==> flow/design.v <==
module sync_add_unit #(
  parameter DATA_WIDTH = 5
) (
  input logic clk_i,
  input logic rst,
  input logic valid,
  input logic [DATA_WIDTH-1:0] arg0,
  input logic [DATA_WIDTH-1:0] arg1,
  input logic cy_in,
  output logic [DATA_WIDTH-1:0] result,
  output logic carry_out
);
  logic [DATA_WIDTH-1:0] arg0_s;
  logic [DATA_WIDTH-1:0] arg1_s;
  logic cy_in_s;
  logic [DATA_WIDTH-1:0] val;
  logic [DATA_WIDTH:0] carry;
  assign carry[0] = cy_in_s;
  generate
    for (genvar i = 0; i < DATA_WIDTH; i++) begin : g_bit
      assign val[i] = arg0_s[i] ^ arg1_s[i] ^ carry[i];
      assign carry[i+1] = (arg0_s[i] & arg1_s[i]) | (carry[i] & (arg0_s[i] ^ arg1_s[i]));
    end
  endgenerate
  always_ff @(posedge clk_i or posedge rst) begin
    if (rst) begin
      arg0_s <= 0;
      arg1_s <= 0;
      cy_in_s <= 1'b0;
      result <= 0;
      carry_out <= 1'b0;
    end else if (valid) begin
      arg0_s <= arg0;
      arg1_s <= arg1;
      cy_in_s <= cy_in;
      result <= val;
      carry_out <= carry[DATA_WIDTH];
    end
  end
endmodule
# From RTL to reports: sync_add_unit
# Tool output for the design above, in the order of the flow.
# Lines are those of the file above, counted from 1.
# Library cell names are shortened.
# The mark -- stands for no value.
[setup] design="sync_add_unit" clock_port="clk_i" library="sky130hd" corner="tt_025C_1v80"

# Elaborated design
# Counts by Yosys on the flattened word-level netlist (proc, flatten, opt, wreduce; memories kept). Register bits leave out memories and registers merged into their read ports (data or address); mux counts leave out enables and synchronous resets folded into registers. Print and check cells are left out. Cells with the same type and inputs are merged into one.
[op_classes] logic=25
[op_table] cell="1-bit bitwise AND" n=10
[op_table] cell="1-bit bitwise XOR" n=10
[op_table] cell="1-bit bitwise OR" n=5
[bits] ff_bits=17 in_bits=14 word_cells=30 out_inout_bits=6

# Depth
# Yosys ltp: most cells in a row. Word level: on the elaborated netlist, between registers, memories and ports. Mapped: between sequential cells and ports; inverters and the memories' decode and read muxes count.
[logic_depth] word_depth=11 ABC_AREA=0 mapped_depth=9 mapped_depth_nobuf=9

# After synthesis
# Yosys stat after the flow's synthesis: flattened, memories mapped to cells. It holds for the ABC_AREA given above (unset counts as 0); a run with the other value may have another netlist.
# Totals and module areas in this step are rounded.
[types] cell_type="dfrtp_1" n=17 area_total_um2=425.408
[types] cell_type="mux2_4" n=8 area_total_um2=120.115
[types] cell_type="fa_1" n=5 area_total_um2=100.096
[types] cell_type="inv_1" n=10 area_total_um2=37.536
[types] cell_type="mux2_2" n=2 area_total_um2=22.522
[types] cell_type="mux2i_1" n=2 area_total_um2=20.019
[types] cell_type="o21ai_0" n=4 area_total_um2=20.019
[types] cell_type="nand2_1" n=4 area_total_um2=15.014
[types] cell_type="buf_6" n=1 area_total_um2=11.261
[types] cell_type="buf_4" n=1 area_total_um2=7.507
[types] cell_type="a21oi_1" n=1 area_total_um2=5.005
[types] cell_type="nor2_1" n=1 area_total_um2=3.754
[synth_totals] flip_flops=17 buffers=2 mapped_area_um2=788 cell_count=56 seqArea_um2=425

# Worst setup path after synthesis
# OpenSTA on the mapped netlist: ideal clock, no wires. The path of least setup slack (recovery checks aside). Input and output delay are each 20% of the period. Register names are those of the netlist, which keeps one name where synthesis merged equal registers.
[synth_timing] path_kind="flip-flop to flip-flop" start="register arg0_s[0]" end="register result[4]" path_buffers=0 slack_ps=603 path_stages=10 setup_time_ps=79 clock_period_ps=3020 delay_ps=2416 arrival_ps=2337 launch_ps=0 required_ps=2941 synth_period_reached_ps=2417
# "delay_ps" is the arrival time less input delay plus setup time.
# "path_stages": output pins that drive a net of the path, with the launching flip-flop's if there is one; two outputs of one cell count as two.
# "synth_period_reached_ps" is the clock period less the worst setup slack; recovery checks do not enter. This is arithmetic on one report: input and output delays are still those of the set period (20% each).
# Between the ends stands the longest chain of elaborated cells between them, by number of cells; it is not shown to be the way that was timed. Of several equally long chains one is given.
# A line is the first line of the expression or statement that the cell stems from. Yosys adds cells for indexed reads and writes and turns some case tables into memories.
[synth_via] path_cell_list="dfrtp_1 fa_1 fa_1 inv_1 fa_1 inv_1 fa_1 inv_1 fa_1 mux2i_1" elab_chain_cells=10 cone_cells=11 cone_classes="logic (11)"
[synth_rtl] element="start: declaration" line=13 rtl="logic [DATA_WIDTH-1:0] arg0_s;"
[synth_rtl] element="start: assignment" line=27 rtl="arg0_s <= 0;"
[synth_rtl] element="start: assignment" line=33 rtl="arg0_s <= arg0;"
[synth_rtl] element="1-bit bitwise XOR" line=22 rtl="assign carry[i+1] = (arg0_s[i] & arg1_s[i]) | (carry[i] & (arg0_s[i] ^ arg1_s[i]));"
[synth_rtl] element="1-bit bitwise AND" line=22
[synth_rtl] element="1-bit bitwise OR" line=22
[synth_rtl] element="1-bit bitwise AND" line=22
[synth_rtl] element="1-bit bitwise OR" line=22
[synth_rtl] element="1-bit bitwise AND" line=22
[synth_rtl] element="1-bit bitwise OR" line=22
[synth_rtl] element="1-bit bitwise AND" line=22
[synth_rtl] element="1-bit bitwise OR" line=22
[synth_rtl] element="1-bit bitwise XOR" line=21 rtl="assign val[i] = arg0_s[i] ^ arg1_s[i] ^ carry[i];"
[synth_rtl] element="end: assignment" line=30 rtl="result <= 0;"
[synth_rtl] element="end: assignment" line=36 rtl="result <= val;"
[synth_rtl] element="end: declaration" line=10 rtl="output logic [DATA_WIDTH-1:0] result,"

# Timing after layout
# From the final timing report of flow run A: the path of least setup slack in the routed layout; clock arrival at registers is part of the times.
# The report prints the path's times to 10 ps; the period is as set.
[layout_timing] path_kind="flip-flop to flip-flop" start="register arg0_s[0]" end="register result[4]" clock_period_ps=3020 required_ps=3240 slack_ps=500 path_stages=10 path_buffers=0 setup_time_ps=70 arrival_ps=2740 launch_ps=280
# Between the ends stands the longest chain of elaborated cells between them, by number of cells; it is not shown to be the way that was timed. Of several equally long chains one is given.
[layout_via] path_cell_list="dfrtp_1 fa_1 fa_1 inv_1 fa_1 inv_1 fa_1 inv_1 fa_1 mux2i_1" elab_chain_cells=10 cone_cells=11 cone_classes="logic (11)"
[layout_rtl] element="start: declaration" line=13 rtl="logic [DATA_WIDTH-1:0] arg0_s;"
[layout_rtl] element="start: assignment" line=27 rtl="arg0_s <= 0;"
[layout_rtl] element="start: assignment" line=33 rtl="arg0_s <= arg0;"
[layout_rtl] element="1-bit bitwise XOR" line=22 rtl="assign carry[i+1] = (arg0_s[i] & arg1_s[i]) | (carry[i] & (arg0_s[i] ^ arg1_s[i]));"
[layout_rtl] element="1-bit bitwise AND" line=22
[layout_rtl] element="1-bit bitwise OR" line=22
[layout_rtl] element="1-bit bitwise AND" line=22
[layout_rtl] element="1-bit bitwise OR" line=22
[layout_rtl] element="1-bit bitwise AND" line=22
[layout_rtl] element="1-bit bitwise OR" line=22
[layout_rtl] element="1-bit bitwise AND" line=22
[layout_rtl] element="1-bit bitwise OR" line=22
[layout_rtl] element="1-bit bitwise XOR" line=21 rtl="assign val[i] = arg0_s[i] ^ arg1_s[i] ^ carry[i];"
[layout_rtl] element="end: assignment" line=30 rtl="result <= 0;"
[layout_rtl] element="end: assignment" line=36 rtl="result <= val;"
[layout_rtl] element="end: declaration" line=10 rtl="output logic [DATA_WIDTH-1:0] result,"

# Settings and measured results of 3 stored flow runs for module sync_add_unit (sky130hd), not sorted in any way. The constraints put input and output delay at 20% of the set period each and load the outputs with 0.01 pF.
# "worst_path_time_ps" = time allowed to the worst setup path (clock period - input delay - output delay, where it has them) - its slack; a late launch clock adds to it, a late capture clock takes from it.
# By "fin_power_mw" is meant OpenSTA's value without simulated activity: inputs other than the clock are taken to toggle once in ten clock periods, and the tool carries that through the logic.
# "worst_path_time_ps" is known to 10 ps.
# The results are shown rounded.
run="flow run A" settings period_ns=3.02 CAP_MARGIN=20 CORE_MARGIN=2 CORE_UTILIZATION=40 SLEW_MARGIN=20
run="flow run A" results yosys_chip_area_um2=788 die_area_um2=2340 layout_stdcell_area_um2=1030 final_setup_ws_ps=498 fin_power_mw=0.590 worst_path_time_ps=2520 worst_path_kind="flip-flop to flip-flop"
run="flow run B" settings period_ns=1.88 CORE_UTILIZATION=17 PLACE_DENSITY=0.46 CELL_PAD_IN_SITES_DETAIL_PLACEMENT=0 TNS_END_PERCENT=65 CTS_CLUSTER_SIZE=27 CAP_MARGIN=20 CORE_MARGIN=2 SLEW_MARGIN=20
run="flow run B" results yosys_chip_area_um2=788 die_area_um2=5200 layout_stdcell_area_um2=1130 final_setup_ws_ps=-546 fin_power_mw=1.06 worst_path_time_ps=2430 worst_path_kind="flip-flop to flip-flop"
run="flow run C" settings period_ns=1.51 CORE_UTILIZATION=23 CORE_MARGIN=7 TNS_END_PERCENT=85 GPL_TIMING_DRIVEN=1 GPL_ROUTABILITY_DRIVEN=0 CTS_CLUSTER_DIAMETER=116 CAP_MARGIN=20 MAX_ROUTING_LAYER="met4" SLEW_MARGIN=20
run="flow run C" results yosys_chip_area_um2=788 die_area_um2=5260 layout_stdcell_area_um2=1130 final_setup_ws_ps=-908 fin_power_mw=1.19 worst_path_time_ps=2420 worst_path_kind="flip-flop to flip-flop"
